==> flow/design.v <==
module gen_comparator_rtl #(
    parameter integer WD = 24
) (
    input wire sys_clk,
    input wire [WD-1:0] opa,
    input wire [WD-1:0] opb,
    input wire [WD-1:0] opc,
    output reg between
);
    reg [WD-1:0] opa_s;
    reg [WD-1:0] opb_s;
    reg [WD-1:0] opc_s;
    always @(posedge sys_clk) begin
        opa_s <= opa;
        opb_s <= opb;
        opc_s <= opc;
        between <= (opa_s >= opb_s) && (opa_s <= opc_s);
    end
endmodule
# Step by step through the tools: gen_comparator_rtl
# The steps from the RTL of gen_comparator_rtl to its reports follow in flow order.
# Line numbers count from 1 in the design file above.
# Operators carry their Yosys type and port widths (W data, S select, Z words).
# Library cell names are shortened.
# The mark -- stands for no value.
dict set report setup {
  top {gen_comparator_rtl}
  clock {sys_clk}
  library {sky130hd}
  corner {tt_025C_1v80}
}

# Word-level counts
# Source: Yosys, flattened and elaborated, memories not mapped. Widths are those after wreduce; folded enables and synchronous resets count as part of the registers. Registers that Yosys merges into a memory's read port (data or address) are not register bits. Print and check cells do not count. Equal cells are merged and count once.
dict set report word_totals {
  ram_bits 0
  memories 0
  input_bits 73
  output_inout_bits 1
  elab_cells 7
  rom_bits 0
  latchBits 0
  regBits 73
  clocked_rd_ports_x_width 0
}
dict set report classes {
  bitwise 0
  reduce_and_logical 1
  multipliers 0
  div 0
  addsub 0
  n_eq 0
  n_mux 0
  cmp 2
  n_shift 0
}
# cell n
set ops {}
lappend ops {{$ge A24 B24 Y1} 1}
lappend ops {{$le A24 B24 Y1} 1}
lappend ops {{$logic_and A1 B1 Y1} 1}

# Depth
# Yosys ltp: most cells in a row. Word level: on the elaborated netlist, between registers, memories and ports. Mapped: between sequential cells and ports; inverters and the memories' decode and read muxes count.
dict set report logic_depth {
  word_depth 2
  abc_area 0
  ltp_mapped 8
  ltp_nobuf 8
}

# Netlist
# Yosys stat after the flow's synthesis: flattened, memories mapped to cells. It holds for the ABC_AREA given above (unset counts as 0); a run with the other value may have another netlist.
# type n type_area_um2
set types {}
lappend types {dfxtp_1 73 1.46E+03}
lappend types {ha_1 48 600.576}
lappend types {inv_1 47 176.419}
lappend types {a21oi_1 16 80.077}
lappend types {a21o_1 5 37.536}
lappend types {nand4_1 6 37.536}
lappend types {nand2_1 9 33.782}
lappend types {nand4_2 2 25.024}
lappend types {nand3_1 4 20.019}
lappend types {o21ai_0 4 20.019}
lappend types {nor2_1 5 18.768}
lappend types {a2111oi_0 2 17.517}
lappend types {a211oi_1 2 15.014}
lappend types {o211ai_1 2 15.014}
lappend types {nor4_2 1 12.512}
lappend types {a221o_1 1 10.01}
lappend types {a211o_1 1 8.758}
lappend types {a221oi_1 1 8.758}
# Other cell types: 7; their cells: 7.
dict set report synth_totals {
  mapped_cells 236
  synth_area_um2 2645.0
  ff_cells 73
  sequential_area_um2 1461.4
  n_buf 0
}

# Timing after synthesis
# Source: OpenSTA report_checks on the synthesized netlist (no wires, ideal clock, input and output delay 20% of the period each), path of least setup slack; recovery checks are left aside. Register names are those of the netlist, which keeps one name where synthesis merged equal registers.
dict set report synth_path {
  path_type {register to register}
  startpoint {register opc_s[21]}
  endpoint {register between}
  arrival_time_ns 1.641
  launch_ns 0.000
  delay_ns 1.713
  stages 8
  tclk_ns 2.14
  path_slack_ns 0.427
  t_required_ns 2.068
  n_path_buf 0
  setup_time_ns 0.072
  period_less_setup_slack_ns 1.713
}
# "delay_ns" is the arrival time less input delay plus setup time.
# "stages": output pins that drive a net of the path, with the launching flip-flop's if there is one; two outputs of one cell count as two.
# "period_less_setup_slack_ns" = period - worst setup slack (recovery checks aside). The figure is calculated, with input and output delays left at 20% of the set period.
# The rows between start and end are the longest chain of elaborated cells between them; the timing report does not say that the signal goes this way. Where chains are equally long, one stands for them.
# A line is the first line of the expression or statement that the cell stems from. Yosys adds cells for indexed reads and writes and turns some case tables into memories.
dict set report synth_between {
  cell_sequence {dfxtp_1 inv_1 ha_1 nand4_2 nor4_2 nand4_1 or3_1 a2bb2oi_1}
  elab_chain_len 2
  cells_between 2
  cone_lines 1
  classes_between {compare: 1; reduce/logical: 1}
}
# item line_no
set synth_rtl {}
lappend synth_rtl {{start, declared} 12} ;# reg [WD-1:0] opc_s;
lappend synth_rtl {{start, assigned} 16} ;# opc_s <= opc;
lappend synth_rtl {{$le A24 B24 Y1} 17} ;# between <= (opa_s >= opb_s) && (opa_s <= opc_s);
lappend synth_rtl {{$logic_and A1 B1 Y1} 17}
lappend synth_rtl {{end, assigned} 17}
lappend synth_rtl {{end, declared} 8} ;# output reg between

# Timing after layout
# Path of least setup slack in the final report of entry A (OpenROAD, finished layout, wires in). Where an end is a register, its clock arrival counts in the times.
dict set report layout_path {
  path_type {register to register}
  startpoint {register opc_s[16]}
  endpoint {register between}
  setup_time_ns 0.06
  arrival_time_ns 2.06
  path_slack_ns -0.60
  launch_ns 0.34
  tclk_ns 1.18
  n_path_buf 0
  t_required_ns 1.46
  stages 8
}
# The rows between start and end are the longest chain of elaborated cells between them; the timing report does not say that the signal goes this way. Where chains are equally long, one stands for them.
dict set report layout_between {
  cell_sequence {dfxtp_1 inv_1 ha_1 nand4_4 nor4_4 nand4_1 or3_1 a2bb2oi_1}
  elab_chain_len 2
  cells_between 2
  cone_lines 1
  classes_between {compare: 1; reduce/logical: 1}
}
# item line_no
set layout_rtl {}
lappend layout_rtl {{start, declared} 12} ;# reg [WD-1:0] opc_s;
lappend layout_rtl {{start, assigned} 16} ;# opc_s <= opc;
lappend layout_rtl {{$le A24 B24 Y1} 17} ;# between <= (opa_s >= opb_s) && (opa_s <= opc_s);
lappend layout_rtl {{$logic_and A1 B1 Y1} 17}
lappend layout_rtl {{end, assigned} 17}
lappend layout_rtl {{end, declared} 8} ;# output reg between

# Stored flow runs of gen_comparator_rtl (3 of them; Yosys, OpenROAD, sky130hd). They differ in their settings and are not a sequence. Constraints: input delay and output delay 20% of the set period each, output load 0.01 pF.
# "achievedPeriod_ns" is the run's clock period less its worst setup slack. It is reckoned from that one timing run; input and output delays stay at 20% of the period that was set.
# "worst_setup_path_time_ns" is the time allowed to the run's worst setup path (the clock period less input and output delay, where it has them) less its slack. Clock arrival times count: a late capture clock shortens it, a late launch clock lengthens it.
# "power_total_mw" is the tool's figure for a default switching activity; nothing was simulated.
run="entry A" settings period_ns=1.18 CORE_UTILIZATION=54 SETUP_SLACK_MARGIN=0.11 PLACE_DENSITY_LB_ADDON=0.0 HOLD_SLACK_MARGIN=0.01 GPL_TIMING_DRIVEN=1 SLEW_MARGIN=15 MIN_ROUTING_LAYER="met2" MAX_ROUTING_LAYER="met5" CAP_MARGIN=20 CORE_MARGIN=2
run="entry A" results synthesis_area_um2=2645.0 total_die_area_um2=5473.8 finalCellArea_um2=3863.7 finish.utilization_pct=81.8 fin_ws_ns=-0.597 final_setup_tns_ns=-0.597 holdWs_ns=0.331 power_total_mw=5.235 achievedPeriod_ns=1.777 worst_setup_path_time_ns=1.78 path_kind="register to register"
run="entry B" settings period_ns=2.14 CAP_MARGIN=20 CORE_MARGIN=2 CORE_UTILIZATION=40 SLEW_MARGIN=20
run="entry B" results synthesis_area_um2=2645.0 total_die_area_um2=7278.6 finalCellArea_um2=3716.1 finish.utilization_pct=58.2 fin_ws_ns=0.242 final_setup_tns_ns=0.000 holdWs_ns=0.517 power_total_mw=3.079 achievedPeriod_ns=1.898 worst_setup_path_time_ns=1.90 path_kind="register to register"
run="entry C" settings period_ns=2.72 CORE_UTILIZATION=37 SETUP_SLACK_MARGIN=0.22 PLACE_DENSITY_LB_ADDON=0.09 HOLD_SLACK_MARGIN=0.22 CELL_PAD_IN_SITES_DETAIL_PLACEMENT=0 ABC_AREA=0 CTS_CLUSTER_DIAMETER=192 CAP_MARGIN=20 CORE_MARGIN=2 SLEW_MARGIN=20
run="entry C" results synthesis_area_um2=2645.0 total_die_area_um2=7841.1 finalCellArea_um2=3724.8 finish.utilization_pct=54.2 fin_ws_ns=0.754 final_setup_tns_ns=0.000 holdWs_ns=0.638 power_total_mw=2.346 achievedPeriod_ns=1.966 worst_setup_path_time_ns=1.97 path_kind="register to register"
